==> flow/design.v <==
module u_arith_add_stage (aclk, valid, bus, init, q);
  parameter integer DATA_W = 14;
  parameter integer EXT = 4;
  input aclk;
  input valid;
  input [DATA_W-1:0] bus;
  input init;
  output [DATA_W+EXT-1:0] q;
  reg [DATA_W-1:0] bus_q;
  reg init_q;
  reg [DATA_W+EXT-1:0] state;
  assign q = state;
  always @(posedge aclk) begin
    if (valid) begin
      bus_q <= bus;
      init_q <= init;
      state <= init_q ? bus_q : state + bus_q;
    end
  end
endmodule
Step by step through the tools: u_arith_add_stage
Tool output for the design above, in the order of the flow.
Lines are those of the file above, counted from 1.
Operators carry their Yosys type and port widths (W data, S select, Z words).
Cell names lack the library's common part.
{ "setup": {"design": "u_arith_add_stage", "clock": "aclk", "cell_library": "sky130hd", "lib_corner": "tt_025C_1v80"} }

Word level
Counts by Yosys on the flattened word-level netlist (proc, flatten, opt, wreduce; memories kept). Register bits leave out memories and registers merged into their read ports (data or address); mux counts leave out enables and synchronous resets folded into registers. Print and check cells are left out. Cells with the same type and inputs are merged into one.
{ "classes": {"n_addsub": 1, "n_mux": 1} }
{ "op_table": {"columns": ["cell", "n"], "rows": [
  ["$add A18 B14 Y18", 1],
  ["$mux W14", 1]
]} }
{ "word_totals": {"elab_cells": 6, "input_bits": 17, "out_inout_bits": 18, "register_bits": 33} }

Longest topological paths
Longest topological path by Yosys (ltp), each cell counted once; first at word level (registers and memories cut), then after technology mapping (sequential cells cut; the memories' decode and read muxes count).
{ "depth": {"ltp_word": 2, "ABC_AREA": 0, "mapped_depth": 9} }

Netlist
Source: synth_stat.txt of the flow (Yosys; design flattened, memories mapped). It holds for the ABC_AREA given above (unset counts as 0); a run with the other value may have another netlist.
Totals and module areas in this step are rounded.
{ "by_type": {"columns": ["cell", "n", "type_area_um2"], "rows": [
  ["edfxtp_1", 33, 990.95],
  ["ha_1", 14, 175.168],
  ["nand2_1", 22, 82.579],
  ["a21oi_1", 14, 70.067],
  ["a21o_1", 8, 60.058],
  ["o21ai_0", 12, 60.058],
  ["nand4_1", 7, 43.792],
  ["xor2_1", 5, 43.792],
  ["xnor2_1", 4, 35.034],
  ["nor2_1", 9, 33.782],
  ["nor2b_1", 4, 25.024],
  ["inv_1", 6, 22.522],
  ["mux2_2", 2, 22.522],
  ["a211oi_4", 1, 20.019],
  ["fa_1", 1, 20.019],
  ["nor3_1", 4, 20.019],
  ["o21ai_1", 4, 20.019],
  ["a31oi_1", 3, 18.768]
]} }
Other cell types: 24; their cells: 37.
{ "synth_totals": {"flip_flops": 33, "stdcells": 190, "yosys_area_mm2": 0.00206, "seqArea_mm2": 0.000991} }

Timing after synthesis
Source: OpenSTA report_checks on the synthesized netlist (no wires, ideal clock, input and output delay 20% of the period each), path of least setup slack; recovery checks are left aside. Register names are those of the netlist, which keeps one name where synthesis merged equal registers.
{ "synth_timing": {"path_type": "register to register", "startpoint": "reg state[0]", "endpoint": "reg state[14]", "path_slack_ps": 553, "setup_time_ps": 266, "arrival_time_ps": 1941, "path_buffers": 0, "stages": 10, "clock_period_ps": 2760, "path_delay_ps": 2207, "required_ps": 2494, "period_less_setup_slack_ps": 2207} }
"path_delay_ps" is the arrival time less input delay plus setup time.
"stages" counts driving pins, that of a launching flip-flop among them; a cell with two outputs on the path counts twice.
"period_less_setup_slack_ps" is the clock period less the worst setup slack; recovery checks do not enter. This is arithmetic on one report: input and output delays are still those of the set period (20% each).
The rows between start and end are the longest chain of elaborated cells between them; the timing report does not say that the signal goes this way. Where chains are equally long, one stands for them.
A line is the first line of the expression or statement that the cell stems from. Yosys adds cells for indexed reads and writes and turns some case tables into memories.
{ "synth_via": {"path_cell_list": "edfxtp_1 -> ha_1 -> inv_1 -> fa_1 -> nor2b_1 -> o21ai_1 -> a211o_1 -> a211oi_2 -> o21ai_0 -> nor3b_2", "elab_chain_cells": 1, "cells_between": 1, "cone_lines": 1, "cone_classes": "1 x add/sub"} }
{ "synth_rtl": {"columns": ["item", "line_no", "source"], "rows": [
  ["start: declaration", 11, "reg [DATA_W+EXT-1:0] state;"],
  ["start: assignment", 17, "state <= init_q ? bus_q : state + bus_q;"],
  ["$add A18 B14 Y18", 17, null],
  ["end: assignment", 17, null],
  ["end: declaration", 11, null]
]} }

Path in the finished layout
From the final timing report of run B: the path of least setup slack in the routed layout; clock arrival at registers is part of the times.
The path's times are printed in steps of 10 ps; the period is the one set.
{ "layout_timing": {"path_type": "register to register", "startpoint": "reg state[0]", "endpoint": "reg state[14]", "path_slack_ps": 1120, "clock_period_ps": 3470, "setup_time_ps": 270, "arrival_time_ps": 2360, "required_ps": 3480, "path_buffers": 0, "stages": 10} }
The rows between start and end are the longest chain of elaborated cells between them; the timing report does not say that the signal goes this way. Where chains are equally long, one stands for them.
{ "layout_via": {"path_cell_list": "edfxtp_1 -> ha_1 -> inv_1 -> fa_1 -> nor2b_1 -> o21ai_1 -> a211o_1 -> a211oi_2 -> o21ai_0 -> nor3b_2", "elab_chain_cells": 1, "cells_between": 1, "cone_lines": 1, "cone_classes": "1 x add/sub"} }
{ "layout_rtl": {"columns": ["item", "line_no", "source"], "rows": [
  ["start: declaration", 11, "reg [DATA_W+EXT-1:0] state;"],
  ["start: assignment", 17, "state <= init_q ? bus_q : state + bus_q;"],
  ["$add A18 B14 Y18", 17, null],
  ["end: assignment", 17, null],
  ["end: declaration", 11, null]
]} }

==> results <==
Stored flow runs of u_arith_add_stage (3 of them; Yosys, OpenROAD, sky130hd). They differ in their settings and are not a sequence. Constraints: input delay and output delay 20% of the set period each, output load 0.01 pF.
"achieved_period_ps": clock period set for the run, less the worst setup slack. It is reckoned from that one timing run; input and output delays stay at 20% of the period that was set.
"timing.worst_path_ps" is the time allowed to the run's worst setup path (the clock period less input and output delay, where it has them) less its slack. Clock arrival times count: a late capture clock shortens it, a late launch clock lengthens it.
"totalPower_mw": no workload was simulated; the value follows from the tool's default switching activity.
"timing.worst_path_ps" is known to 10 ps.
The results are shown rounded.
[
  {
    "run": "run A",
    "settings": { "period_ns": 2.66, "CORE_UTILIZATION": 72, "SETUP_SLACK_MARGIN": 0.22, "PLACE_DENSITY": 0.93, "CELL_PAD_IN_SITES_GLOBAL_PLACEMENT": 2, "ABC_AREA": 1, "CTS_CLUSTER_DIAMETER": 96, "CAP_MARGIN": 30, "SLEW_MARGIN": 0, "CORE_MARGIN": 2 },
    "outcome": "no final report: placement broke off with GPL-0301"
  },
  {
    "run": "run B",
    "settings": { "period_ns": 3.47, "CORE_UTILIZATION": 25, "CORE_ASPECT_RATIO": 1.98, "CELL_PAD_IN_SITES_GLOBAL_PLACEMENT": 0, "CELL_PAD_IN_SITES_DETAIL_PLACEMENT": 1, "TNS_END_PERCENT": 95, "ABC_AREA": 0, "CTS_CLUSTER_SIZE": 12, "CAP_MARGIN": 20, "SLEW_MARGIN": 5, "MAX_ROUTING_LAYER": "met4", "CORE_MARGIN": 2 },
    "results": { "totalPower_mw": 1.45, "achieved_period_ps": 2350, "setup_tns_ps": 0, "worst_hold_slack_ps": 571, "synth_area_mm2": 0.00206, "timing.worst_path_ps": 2350, "worst_path_kind": "register to register", "timing.setup.ws_ps": 1120, "final_stdcell_area_mm2": 0.00263, "design.die.area_mm2": 0.00902, "finish.utilization_frac": 0.329 }
  },
  {
    "run": "run C",
    "settings": { "period_ns": 2.76, "CAP_MARGIN": 20, "CORE_MARGIN": 2, "CORE_UTILIZATION": 40, "SLEW_MARGIN": 20 },
    "results": { "totalPower_mw": 1.71, "achieved_period_ps": 2271, "setup_tns_ps": 0, "worst_hold_slack_ps": 566, "synth_area_mm2": 0.00206, "timing.worst_path_ps": 2270, "worst_path_kind": "register to register", "timing.setup.ws_ps": 489, "final_stdcell_area_mm2": 0.00256, "design.die.area_mm2": 0.00574, "finish.utilization_frac": 0.508 }
  }
]
